==> flow/design.v <==
module ex_sel_unit_blk_sel2 #(parameter N = 1) (
    input wire [N-1:0] a,
    input wire [N-1:0] b,
    input wire s,
    output wire [N-1:0] y
);
    assign y = s ? b : a;
endmodule
module ex_sel_unit_blk #(
    parameter W = 48,
    parameter COUNT = 16,
    parameter SW = $clog2(COUNT)
) (
    input  wire sys_clk,
    input  wire rst_i,
    input  wire [COUNT*W-1:0] src,
    input  wire [SW-1:0] sel,
    output reg [W-1:0] res
);
    reg [COUNT*W-1:0] src_s;
    reg [SW-1:0] sel_s;
    wire [W-1:0] tree [1:2*COUNT-1];
    genvar gi;
    generate
        for (gi = 0; gi < COUNT; gi = gi + 1) begin : each
            assign tree[COUNT+gi] = src_s[gi*W +: W];
        end
        for (gi = 1; gi < COUNT; gi = gi + 1) begin : blk
            ex_sel_unit_blk_sel2 #(.N(W)) inst (.a(tree[2*gi]), .b(tree[2*gi+1]), .s(sel_s[SW - $clog2(gi+1)]), .y(tree[gi]));
        end
    endgenerate
    always @(posedge sys_clk or posedge rst_i) begin
        if (rst_i) begin
            src_s <= 0;
            sel_s <= 0;
            res <= 0;
        end else begin
            src_s <= src;
            sel_s <= sel;
            res <= tree[1];
        end
    end
endmodule
## Reports on ex_sel_unit_blk

The steps from the RTL of ex_sel_unit_blk to its reports follow in flow order.
Line numbers count from 1 in the design file above.
Operators carry their Yosys type and port widths (W data, S select, Z words).
Cell names lack the library's common part.
The mark -- stands for no value.

- Top: ex_sel_unit_blk
- Clock input: sys_clk
- Library: sky130hd
- Corner: tt_025C_1v80

## After elaboration

Source: Yosys, flattened and elaborated. Widths are those after wreduce; folded enables and synchronous resets count as part of the registers. Registers that Yosys merges into a memory's read port (data or address) are not register bits. Print and check cells do not count. Equal cells are merged and count once.

- Output and inout port bits: 48
- Register bits: 820

- Multiplexer cells: 15

Operators by type and width:

| operator | number |
|---|---|
| $mux W48 | 15 |

## Longest topological paths

Longest topological path by Yosys (ltp), each cell counted once; first at word level (registers and memories cut), then after technology mapping (sequential cells cut; the memories' decode and read muxes count).

- Depth after elaboration: 4
- ABC_AREA: 1
- Gate-level depth with buffers: 10
- Mapped depth without buffers: 7

## Synthesis result

Yosys stat after the flow's synthesis: flattened, memories mapped to cells. It holds for the ABC_AREA given above (unset counts as 0); a run with the other value may have another netlist.

Cells by type:

| cell | number | area in all (sq um) |
|---|---|---|
| dfrtp_1 | 820 | 2.05E+04 |
| nand2_1 | 1008 | 3.78E+03 |
| nand3_1 | 576 | 2.88E+03 |
| inv_1 | 579 | 2.17E+03 |
| buf_2 | 84 | 420.403 |
| buf_4 | 36 | 270.259 |
| clkbuf_1 | 23 | 86.333 |
| buf_6 | 6 | 67.565 |
| buf_1 | 9 | 33.782 |
| inv_4 | 1 | 6.256 |
| inv_2 | 1 | 3.754 |

- Area of sequential cells: 20519.7 sq um
- Flip-flop cells: 820
- Mapped cells: 3143
- Mapped area: 30247.8 sq um

## Timing after synthesis

OpenSTA on the mapped netlist: ideal clock, no wires. The path of least setup slack (recovery checks aside). Input and output delay are each 20% of the period. Register names are those of the netlist, which keeps one name where synthesis merged equal registers.

- Kind: reg2reg
- From: reg sel_s[0]
- To: reg res[44]
- Buffers on the path: 3
- Setup time: 0.118 ns
- Driving pins on the path: 10
- Path delay: 1.255 ns
- Data arrival time: 1.137 ns
- Path slack: 0.865 ns
- Data required time: 2.002 ns
- Period: 2.12 ns
- Period reached after synthesis: 1.255 ns

"path delay" is the arrival time less input delay plus setup time.
"driving pins on the path" counts driving pins, that of a launching flip-flop among them; a cell with two outputs on the path counts twice.
"period reached after synthesis" is the clock period less the worst setup slack; recovery checks do not enter. This is arithmetic on one report: input and output delays are still those of the set period (20% each).
Between the ends stands the longest chain of elaborated cells between them, by number of cells; it is not shown to be the way that was timed. Of several equally long chains one is given.
Each line given opens the expression or statement behind the cell; cells for indexed reads and writes are added by Yosys, which also makes memories of some case tables.

- Path through: dfrtp_1 -> buf_6 -> inv_4 -> buf_6 -> buf_2 -> nand2_1 -> nand3_1 -> nand3_1 -> nand3_1 -> nand2_1
- Cells in the longest elaborated chain: 4
- Elaborated cells on any way between the ends: 15
- Source lines of those cells: 1
- Those cells by class: mux: 15

RTL lines, path after synthesis:

| element | RTL line | text |
|---|---|---|
| start, declared | 21 | `reg [SW-1:0] sel_s;` |
| start, assigned | 35 | `sel_s <= 0;` |
| start, assigned | 39 | `sel_s <= sel;` |
| $mux W48 (4 in a row) | 7 | `assign y = s ? b : a;` |
| end, assigned | 36 | `res <= 0;` |
| end, assigned | 40 | `res <= tree[1];` |
| end, declared | 18 | `output reg [W-1:0] res` |

## Path in the finished layout

Path of least setup slack in the final report of flow run B (OpenROAD, finished layout, wires in). Where an end is a register, its clock arrival counts in the times.

- Kind: reg2reg
- From: reg sel_s[0]
- To: reg res[7]
- Path slack: -0.27 ns
- Period: 1.54 ns
- Data arrival time: 2.47 ns
- Driving pins on the path: 11
- Data required time: 2.20 ns
- Setup time: 0.06 ns
- Buffers on the path: 4

Between the ends stands the longest chain of elaborated cells between them, by number of cells; it is not shown to be the way that was timed. Of several equally long chains one is given.

- Path through: dfrtp_4 -> clkinv_16 -> buf_16 -> buf_8 -> buf_16 -> clkbuf_16 -> nand2_1 -> nand3_1 -> nand3_2 -> nand3_2 -> nand2_2
- Cells in the longest elaborated chain: 4
- Elaborated cells on any way between the ends: 15
- Source lines of those cells: 1
- Those cells by class: mux: 15

RTL lines, path post-layout:

| element | RTL line | text |
|---|---|---|
| start, declared | 21 | `reg [SW-1:0] sel_s;` |
| start, assigned | 35 | `sel_s <= 0;` |
| start, assigned | 39 | `sel_s <= sel;` |
| $mux W48 (4 in a row) | 7 | `assign y = s ? b : a;` |
| end, assigned | 36 | `res <= 0;` |
| end, assigned | 40 | `res <= tree[1];` |
| end, declared | 18 | `output reg [W-1:0] res` |

Memo
Re: implementation data of ex_sel_unit_blk

Flow measurements of ex_sel_unit_blk on sky130hd: 3 stored runs with different settings, listed in no order. Input and output delays are each 20% of the period that was set; the output load is 0.01 pF.
"clock period achieved" = clock period - worst setup slack. The figure is calculated, with input and output delays left at 20% of the set period.
By "allowed time less slack (worst setup path)" is meant the share of the clock period that the worst setup path is allowed (20% is reserved at inputs, 20% at outputs), minus its slack. Clock arrival times at its registers enter into it.

### Flow run A

Settings: `period_ns=1.52`, `CORE_UTILIZATION=54`, `SETUP_SLACK_MARGIN=0.14`, `PLACE_DENSITY=0.83`, `CORE_ASPECT_RATIO=1.59`, `GPL_TIMING_DRIVEN=1`, `GPL_ROUTABILITY_DRIVEN=1`, `CTS_CLUSTER_SIZE=32`, `SLEW_MARGIN=30`, `MIN_ROUTING_LAYER=met1`, `MAX_ROUTING_LAYER=met4`, `CAP_MARGIN=20`, `CORE_MARGIN=2`

Unfinished; error PPL-0024 in placement.

### Flow run B

Settings: `period_ns=1.54`, `CORE_UTILIZATION=15`, `SETUP_SLACK_MARGIN=0.4`, `PLACE_DENSITY=0.57`, `HOLD_SLACK_MARGIN=0.06`, `ABC_AREA=1`, `GPL_TIMING_DRIVEN=1`, `CTS_CLUSTER_SIZE=82`, `CAP_MARGIN=35`, `MAX_ROUTING_LAYER=met4`, `CORE_MARGIN=2`, `SLEW_MARGIN=20`

- Synthesized cell area: 30247.8 sq um
- Die size: 205259.0 sq um
- Standard-cell area after routing: 56371.6 sq um
- Worst setup slack after layout: -0.273 ns
- Sum of negative setup slack: -9.674 ns
- Worst hold slack after layout: 0.099 ns
- Clock period achieved: 1.813 ns
- Allowed time less slack (worst setup path): 1.81 ns
- Worst setup path kind: reg2reg

### Flow run C

Settings: `period_ns=2.12`, `CAP_MARGIN=20`, `CORE_MARGIN=2`, `CORE_UTILIZATION=40`, `SLEW_MARGIN=20`

- Synthesized cell area: 26081.3 sq um
- Die size: 67262.4 sq um
- Standard-cell area after routing: 38883.5 sq um
- Worst setup slack after layout: 0.055 ns
- Sum of negative setup slack: 0.000 ns
- Worst hold slack after layout: 0.221 ns
- Clock period achieved: 2.065 ns
- Allowed time less slack (worst setup path): 1.64 ns
- Worst setup path kind: reg2out
